==> flow/design.v <==
module alu_alu_arith_n #(
   parameter int DATA_WIDTH = 80
) (
   input  logic i_clk,
   input  logic [DATA_WIDTH-1:0] in_in0,
   input  logic [DATA_WIDTH-1:0] in_in1,
   input  logic in_dir,
   output logic [DATA_WIDTH-1:0] out_res
);
   logic [DATA_WIDTH-1:0] in0_r;
   logic [DATA_WIDTH-1:0] in1_r;
   logic dir_r;
   always_ff @(posedge i_clk) begin
      in0_r <= in_in0;
      in1_r <= in_in1;
      dir_r <= in_dir;
   end
   logic [DATA_WIDTH-1:0] nxt;
   always_comb begin
      if (dir_r)
         nxt = in0_r - in1_r;
      else
         nxt = in0_r + in1_r;
   end
   assign out_res = nxt;
endmodule
-- Tool chain data of alu_alu_arith_n
Tool output for the design above, in the order of the flow.
Lines are those of the file above, counted from 1.
Operators: Yosys type, input widths -> output width; for muxes data width and select width s.
Cell names lack the library's common part.
The mark - stands for no value.
- top module: alu_alu_arith_n
- clock port: i_clk
- standard-cell library: sky130hd
- library corner: tt_025C_1v80

-- Word level
Source: Yosys, flattened and elaborated, memories not mapped. Widths are those after wreduce; folded enables and synchronous resets count as part of the registers. Registers that Yosys merges into a memory's read port (data or address) are not register bits. Print and check cells do not count. Equal cells are merged and count once.
- output and inout bits: 80
- register bits after elaboration at 161
- noted bits of input ports: 162
- $add $sub $neg: 2
- muxes and demuxes: 1
- operators by type and width (kind ; count):
    $add 80x80->80 ; 1
    $sub 80x80->80 ; 1
    $mux 80 ; 1

-- Logic depth
Longest topological path by Yosys (ltp), each cell counted once; first at word level (registers and memories cut), then after technology mapping (sequential cells cut; the memories' decode and read muxes count).
- depth in word-level cells: 2
- ABC_AREA at 0
- noted depth in mapped cells: 23
- gate-level depth less buffers: 22

-- Mapped cells and area
Yosys stat after the flow's synthesis: flattened, memories mapped to cells. It holds for the ABC_AREA given above (unset counts as 0); a run with the other value may have another netlist.
- cell types (cell ; count):
    dfxtp_1 ; 161
    xnor2_1 ; 117
    ha_1 ; 80
    a21oi_1 ; 150
    nor2_1 ; 110
    xor2_1 ; 37
    o21ai_0 ; 60
    nand2_1 ; 76
    nand4_1 ; 36
    a21o_1 ; 29
    clkbuf_1 ; 44
    inv_1 ; 39
    o21bai_1 ; 19
    nor3_1 ; 27
    a31oi_1 ; 19
    o31ai_1 ; 12
    nor4_1 ; 14
    nand3_1 ; 15
Other cell types: 53; their cells: 134.
- synthesis area: 9855.7 um2
- noted standard cells after synthesis: 1179
- buffers at 55
- flip-flops at 161

-- Timing after synthesis
OpenSTA on the mapped netlist: ideal clock, no wires. The path of least setup slack (recovery checks aside). Input and output delay are each 20% of the period. Register names are those of the netlist, which keeps one name where synthesis merged equal registers.
- path kind: reg-to-output
- start point: reg in1_r[5]
- end point: out out_res[77]
- slack: 1.152 ns
- period at 7.21 ns
- arrival time at 4.616 ns
- path delay at 4.616 ns
- noted stages on the path: 22
- period reached after synthesis at 6.058 ns
"path delay" = arrival - input delay + setup time.
A path that ends at an output port has no setup time.
"stages on the path": output pins that drive a net of the path, with the launching flip-flop's if there is one; two outputs of one cell count as two.
"period reached after synthesis" = period - worst setup slack (recovery checks aside). The figure is calculated, with input and output delays left at 20% of the set period.
Between the ends stands the longest chain of elaborated cells between them, by number of cells; it is not shown to be the way that was timed. Of several equally long chains one is given.
A line is the first line of the expression or statement that the cell stems from. Yosys adds cells for indexed reads and writes and turns some case tables into memories.
- cell sequence: dfxtp_1 or4_4 nor4b_4 and2_4 nand2_2 nor2_2 nand4b_4 nor3_2 nor2_1 xnor2_1 ha_1 clkbuf_1 nand4_1 nor4_1 nand2_1 nor3_1 o211ai_1 o211ai_1 a21oi_1 o31ai_1 a21o_1 xor2_1
- cells in the longest elaborated chain: 2
- noted elaborated cells on any way between the ends: 3
- RTL lines, path post-synthesis (item ; line ; text):
    from (decl) ; 11 ; logic [DATA_WIDTH-1:0] in1_r;
    from (assign) ; 15 ; in1_r <= in_in1;
    $add 80x80->80 ; 23 ; nxt = in0_r + in1_r;
    $mux 80 ; 20 ; if (dir_r)
    to (decl) ; 8 ; output logic [DATA_WIDTH-1:0] out_res

-- Worst path after layout
From the final timing report of run 1: the path of least setup slack in the routed layout; clock arrival at registers is part of the times.
- path kind: reg-to-output
- start point: reg in1_r[5]
- end point: out out_res[64]
- period at 7.21 ns
- slack: 0.28 ns
- noted stages on the path: 23
- arrival time at 5.49 ns
Between the ends stands the longest chain of elaborated cells between them, by number of cells; it is not shown to be the way that was timed. Of several equally long chains one is given.
- cell sequence: dfxtp_1 or4_4 nor4_4 buf_4 and3_4 nand2_2 nor2_1 buf_4 a21oi_1 xnor2_1 ha_2 buf_4 nand2_1 o21ai_1 a221oi_1 o21ai_1 a221oi_2 buf_4 o31a_1 o31a_1 o21ai_0 xor2_1 clkdlybuf4s50_1
- cells in the longest elaborated chain: 2
- noted elaborated cells on any way between the ends: 3
- RTL lines, path after layout (item ; line ; text):
    from (decl) ; 11 ; logic [DATA_WIDTH-1:0] in1_r;
    from (assign) ; 15 ; in1_r <= in_in1;
    $add 80x80->80 ; 23 ; nxt = in0_r + in1_r;
    $mux 80 ; 20 ; if (dir_r)
    to (decl) ; 8 ; output logic [DATA_WIDTH-1:0] out_res

alu_alu_arith_n through Yosys and OpenROAD on sky130hd: 3 stored runs, unordered, with their settings and measured results. The constraints put input and output delay at 20% of the set period each and load the outputs with 0.01 pF.
"achieved period" = clock period - worst setup slack. The figure is calculated, with input and output delays left at 20% of the set period.
"critical setup path time" = time allowed to the worst setup path (clock period - input delay - output delay, where it has them) - its slack; a late launch clock adds to it, a late capture clock takes from it.
"power" rests on the timing tool's default activity at the inputs, not on a simulated workload.

Run 1

==> flow/run.sh <==
#!/bin/bash
# the make line also repeats the synthesis and layout settings of config.mk as NAME=value (left out here)
make -C /OpenROAD-flow-scripts/flow DESIGN_CONFIG=/design/flow/config.mk WORK_HOME=/design/flow/orfs CLKGATE_MAP_FILE= finish
==> flow/config.mk <==
export PLATFORM = sky130hd
export DESIGN_NAME = alu_alu_arith_n
export DESIGN_NICKNAME = alu_alu_arith_n
export VERILOG_FILES = /design/flow/design.v
export SDC_FILE = /design/flow/constraint.sdc
export NUM_CORES = 4
export LEC_CHECK = 0
export CAP_MARGIN = 20
export CORE_MARGIN = 2
export CORE_UTILIZATION = 40
export SLEW_MARGIN = 20
==> flow/constraint.sdc <==
create_clock -name core_clock -period 7.21 [get_ports {i_clk}]
set_input_delay 1.4420 -clock core_clock [delete_from_list [all_inputs] [get_ports {i_clk}]]
set_output_delay 1.4420 -clock core_clock [all_outputs]
set_load 0.01 [all_outputs]

Measured in run 1:
- worst hold slack in the final report at 1.444 ns
- netlist area reported by Yosys: 9855.7 um2
- area inside the die boundary at 25911.3 um2
- power at 3348 µW
- noted the sum of negative setup slack: 0.000 ns
- worst setup slack after layout at 0.280 ns
- critical setup path time: 5.49 ns
- worst setup path kind: reg-to-output
- noted the utilization: 56.6 %
- achieved period at 6.930 ns

Run 2

==> flow/run.sh <==
#!/bin/bash
# the make line also repeats the synthesis and layout settings of config.mk as NAME=value (left out here)
make -C /OpenROAD-flow-scripts/flow DESIGN_CONFIG=/design/flow/config.mk WORK_HOME=/design/flow/orfs CLKGATE_MAP_FILE= finish
==> flow/config.mk <==
export PLATFORM = sky130hd
export DESIGN_NAME = alu_alu_arith_n
export DESIGN_NICKNAME = alu_alu_arith_n
export VERILOG_FILES = /design/flow/design.v
export SDC_FILE = /design/flow/constraint.sdc
export NUM_CORES = 4
export LEC_CHECK = 0
export CAP_MARGIN = 15
export CORE_ASPECT_RATIO = 0.85
export CORE_MARGIN = 2
export CORE_UTILIZATION = 50
export CTS_CLUSTER_DIAMETER = 217
export CTS_CLUSTER_SIZE = 99
export GPL_TIMING_DRIVEN = 1
export HOLD_SLACK_MARGIN = -0.03
export PLACE_DENSITY_LB_ADDON = 0.22
export SLEW_MARGIN = 0
==> flow/constraint.sdc <==
create_clock -name core_clock -period 9.87 [get_ports {i_clk}]
set_input_delay 1.9740 -clock core_clock [delete_from_list [all_inputs] [get_ports {i_clk}]]
set_output_delay 1.9740 -clock core_clock [all_outputs]
set_load 0.01 [all_outputs]

Measured in run 2:
- worst hold slack in the final report at 1.974 ns
- netlist area reported by Yosys: 9855.7 um2
- area inside the die boundary at 20854.0 um2
- power at 2307 µW
- noted the sum of negative setup slack: 0.000 ns
- worst setup slack after layout at 1.064 ns
- critical setup path time: 6.83 ns
- worst setup path kind: reg-to-output
- noted the utilization: 66.8 %
- achieved period at 8.806 ns

Run 3

==> flow/run.sh <==
#!/bin/bash
# the make line also repeats the synthesis and layout settings of config.mk as NAME=value (left out here)
make -C /OpenROAD-flow-scripts/flow DESIGN_CONFIG=/design/flow/config.mk WORK_HOME=/design/flow/orfs CLKGATE_MAP_FILE= finish
==> flow/config.mk <==
export PLATFORM = sky130hd
export DESIGN_NAME = alu_alu_arith_n
export DESIGN_NICKNAME = alu_alu_arith_n
export VERILOG_FILES = /design/flow/design.v
export SDC_FILE = /design/flow/constraint.sdc
export NUM_CORES = 4
export LEC_CHECK = 0
export ABC_AREA = 0
export CAP_MARGIN = 30
export CORE_ASPECT_RATIO = 1.42
export CORE_MARGIN = 3
export CORE_UTILIZATION = 72
export CTS_CLUSTER_DIAMETER = 278
export GPL_ROUTABILITY_DRIVEN = 1
export MAX_ROUTING_LAYER = met4
export MIN_ROUTING_LAYER = met2
export PLACE_DENSITY = 0.91
export SETUP_SLACK_MARGIN = 2.95
export SLEW_MARGIN = 20
==> flow/constraint.sdc <==
create_clock -name core_clock -period 9.89 [get_ports {i_clk}]
set_input_delay 1.9780 -clock core_clock [delete_from_list [all_inputs] [get_ports {i_clk}]]
set_output_delay 1.9780 -clock core_clock [all_outputs]
set_load 0.01 [all_outputs]

Run 3: stopped before the end: placement reported GPL-0301.
